==> flow/design.v <==
module core_mag_cmp_top #(
    parameter XLEN = 8
) (
    input  wire clk,
    input  wire aresetn,
    input  wire [XLEN-1:0] src1,
    input  wire [XLEN-1:0] src2,
    output reg [XLEN-1:0] min_o,
    output reg [XLEN-1:0] mx
);
    wire val = src1 < src2;
    always @(posedge clk or negedge aresetn) begin
        if (!aresetn) begin
            min_o <= 0;
            mx <= 0;
        end else begin
            min_o <= val ? src1 : src2;
            mx <= val ? src2 : src1;
        end
    end
endmodule
Tool chain data of core_mag_cmp_top
The steps from the RTL of core_mag_cmp_top to its reports follow in flow order.
Line numbers count from 1 in the design file above.
Cell names lack the library's common part.
{ "design": {"design": "core_mag_cmp_top", "clock": "clk", "library": "sky130hd", "lib_corner": "tt_025C_1v80"} }

Elaborated design
Counts by Yosys on the flattened word-level netlist (proc, flatten, opt, wreduce; memories kept). Register bits leave out memories and registers merged into their read ports (data or address); mux counts leave out enables and synchronous resets folded into registers. Print and check cells are left out. Cells with the same type and inputs are merged into one.
{ "bits": {"clocked_rd_ports_x_width": 0, "latchBits": 0, "ram_bits": 0, "out_inout_bits": 16, "rom_bits": 0, "memories": 0, "wordCells": 5, "register_bits": 16} }
{ "classes": {"n_cmp": 1, "eq_ne": 0, "bitwise": 0, "mul": 0, "mux": 2, "add_sub_neg": 0, "shifts": 0, "reduce_and_logical": 0, "n_div": 0} }
{ "ops": {"columns": ["op", "n"], "rows": [
  ["two-way mux 8 bit", 2],
  ["< comparator 8 bit", 1]
]} }

Longest topological paths
Yosys ltp: most cells in a row. Word level: on the elaborated netlist, between registers, memories and ports. Mapped: between sequential cells and ports; inverters and the memories' decode and read muxes count.
{ "depth": {"depth_word": 2, "ABC_AREA": 0, "mapped_depth": 7, "ltp_nobuf": 6} }

Netlist
The flow's flattened synthesis, as Yosys stat reports it; memories are mapped. The netlist is that of the ABC_AREA named above (0 if unset); the other value can give another one.
{ "mapped": {"cells": 57, "ffs": 16, "buf_cells": 1, "area_um2": 825.8, "sequential_area_um2": 400.4} }
{ "by_type": {"columns": ["cell", "n", "area_total_um2"], "rows": [
  ["dfrtp_1", 16, 400.384],
  ["mux2_4", 10, 150.144],
  ["ha_1", 7, 87.584],
  ["mux2_2", 6, 67.565],
  ["inv_1", 8, 30.029],
  ["a211oi_4", 1, 20.019],
  ["buf_12", 1, 20.019],
  ["a2111o_1", 1, 11.261],
  ["o21ai_0", 2, 10.01],
  ["a211oi_1", 1, 7.507],
  ["nand2b_1", 1, 6.256],
  ["nand4_1", 1, 6.256],
  ["a21oi_1", 1, 5.005],
  ["nor2_1", 1, 3.754]
]} }

Timing after synthesis
Path of least setup slack by OpenSTA after synthesis, without wires, with an ideal clock, recovery checks aside; 20% of the period is set as input and as output delay. Where synthesis merged equal registers, the netlist keeps one of their names.
{ "synth_path": {"kind": "input -> register", "start": "in src2[1]", "end": "reg min_o[4]", "setup_ns": 0.125, "t_arrival_ns": 2.068, "delay_ns": 1.671, "path_slack_ns": 0.417, "stages": 6, "period_ns": 2.61, "t_first_pin_ns": 0.522, "period_less_setup_slack_ns": 2.193} }
"delay_ns" = arrival - input delay + setup time.
"stages": output pins that drive a net of the path, with the launching flip-flop's if there is one; two outputs of one cell count as two.
"period_less_setup_slack_ns" = period - worst setup slack (recovery checks aside). The figure is calculated, with input and output delays left at 20% of the set period.
Between the ends stands the longest chain of elaborated cells between them, by number of cells; it is not shown to be the way that was timed. Of several equally long chains one is given.
Each line given opens the expression or statement behind the cell; cells for indexed reads and writes are added by Yosys, which also makes memories of some case tables.
{ "synth_between": {"path_cell_list": "inv_1 -> ha_1 -> a2111o_1 -> a211oi_4 -> buf_12 -> mux2_4", "elab_chain_cells": 2, "cone_cells": 2, "cone_lines": 2, "classes_between": "compare (1); mux (1)"} }
{ "synth_rtl": {"columns": ["item", "line_no", "rtl"], "rows": [
  ["start, declared", 7, "input  wire [XLEN-1:0] src2,"],
  ["< comparator 8 bit", 11, "wire val = src1 < src2;"],
  ["two-way mux 8 bit", 17, "min_o <= val ? src1 : src2;"],
  ["end, assigned", 14, "min_o <= 0;"],
  ["end, assigned", 17, null],
  ["end, declared", 8, "output reg [XLEN-1:0] min_o,"]
]} }

Worst path after layout
From the final timing report of run A: the path of least setup slack in the routed layout; clock arrival at registers is part of the times.
{ "layout_path": {"kind": "input -> register", "start": "in src2[1]", "end": "reg min_o[7]", "t_first_pin_ns": 0.52, "path_slack_ns": 0.29, "t_arrival_ns": 2.48, "setup_ns": 0.11, "period_ns": 2.61, "stages": 7} }
Between the ends stands the longest chain of elaborated cells between them, by number of cells; it is not shown to be the way that was timed. Of several equally long chains one is given.
{ "layout_between": {"path_cell_list": "clkdlybuf4s50_1 -> inv_1 -> ha_1 -> a2111o_1 -> a211oi_4 -> buf_4 -> mux2_2", "elab_chain_cells": 2, "cone_cells": 2, "cone_lines": 2, "classes_between": "compare (1); mux (1)"} }
{ "layout_rtl": {"columns": ["item", "line_no", "rtl"], "rows": [
  ["start, declared", 7, "input  wire [XLEN-1:0] src2,"],
  ["< comparator 8 bit", 11, "wire val = src1 < src2;"],
  ["two-way mux 8 bit", 17, "min_o <= val ? src1 : src2;"],
  ["end, assigned", 14, "min_o <= 0;"],
  ["end, assigned", 17, null],
  ["end, declared", 8, "output reg [XLEN-1:0] min_o,"]
]} }

Hand-over note for core_mag_cmp_top

Module core_mag_cmp_top, platform sky130hd: 3 stored runs of the flow (Yosys, OpenROAD) with differing settings, in no particular order. Input and output delays are each 20% of the period that was set; the output load is 0.01 pF.
"achieved clock period" = clock period - worst setup slack. The figure is calculated, with input and output delays left at 20% of the set period.
"time used up by the worst setup path" means the part of the period allowed to the worst setup path (the constraints hold back 20% at inputs and 20% at outputs) less its slack; where the path has registers, the arrival times of their clocks count too.
"overall power": no workload was simulated; the value follows from the tool's default switching activity.

==> run A: settings <==
{ "period_ns": 2.61, "CAP_MARGIN": 20, "CORE_MARGIN": 2, "CORE_UTILIZATION": 40, "SLEW_MARGIN": 20 }
==> run A: results <==
sum of negative setup slack: 0.000 ns
utilization in the final report: 0.619
achieved clock period: 2.323 ns
chip area in the Yosys report: 825.8 um2
time used up by the worst setup path: 1.80 ns
kind of the worst setup path: input -> register
area inside the die boundary: 2,443.8 um2
overall power: 0.0006031 W
setup slack of the critical path: 0.287 ns
standard-cell area after routing: 1,214.9 um2

==> run B: settings <==
{ "period_ns": 2.13, "CORE_UTILIZATION": 15, "PLACE_DENSITY_LB_ADDON": 0.09, "MIN_ROUTING_LAYER": "met1", "CAP_MARGIN": 20, "CORE_MARGIN": 2, "SLEW_MARGIN": 20 }
==> run B: results <==
time used up by the worst setup path: 1.62 ns
kind of the worst setup path: input -> register
chip area in the Yosys report: 825.8 um2
area inside the die boundary: 6,114.5 um2
standard-cell area after routing: 1,432.6 um2
setup slack of the critical path: 0.087 ns
achieved clock period: 2.043 ns
utilization in the final report: 0.265
overall power: 0.0008966 W
sum of negative setup slack: 0.000 ns

==> run C: settings <==
{ "period_ns": 1.75, "CORE_UTILIZATION": 70, "PLACE_DENSITY_LB_ADDON": 0.0, "CORE_MARGIN": 2, "GPL_ROUTABILITY_DRIVEN": 1, "SLEW_MARGIN": 10, "MAX_ROUTING_LAYER": "met4", "CAP_MARGIN": 20 }
==> run C: results <==
unfinished; error FLW-0024 in placement

End of note.
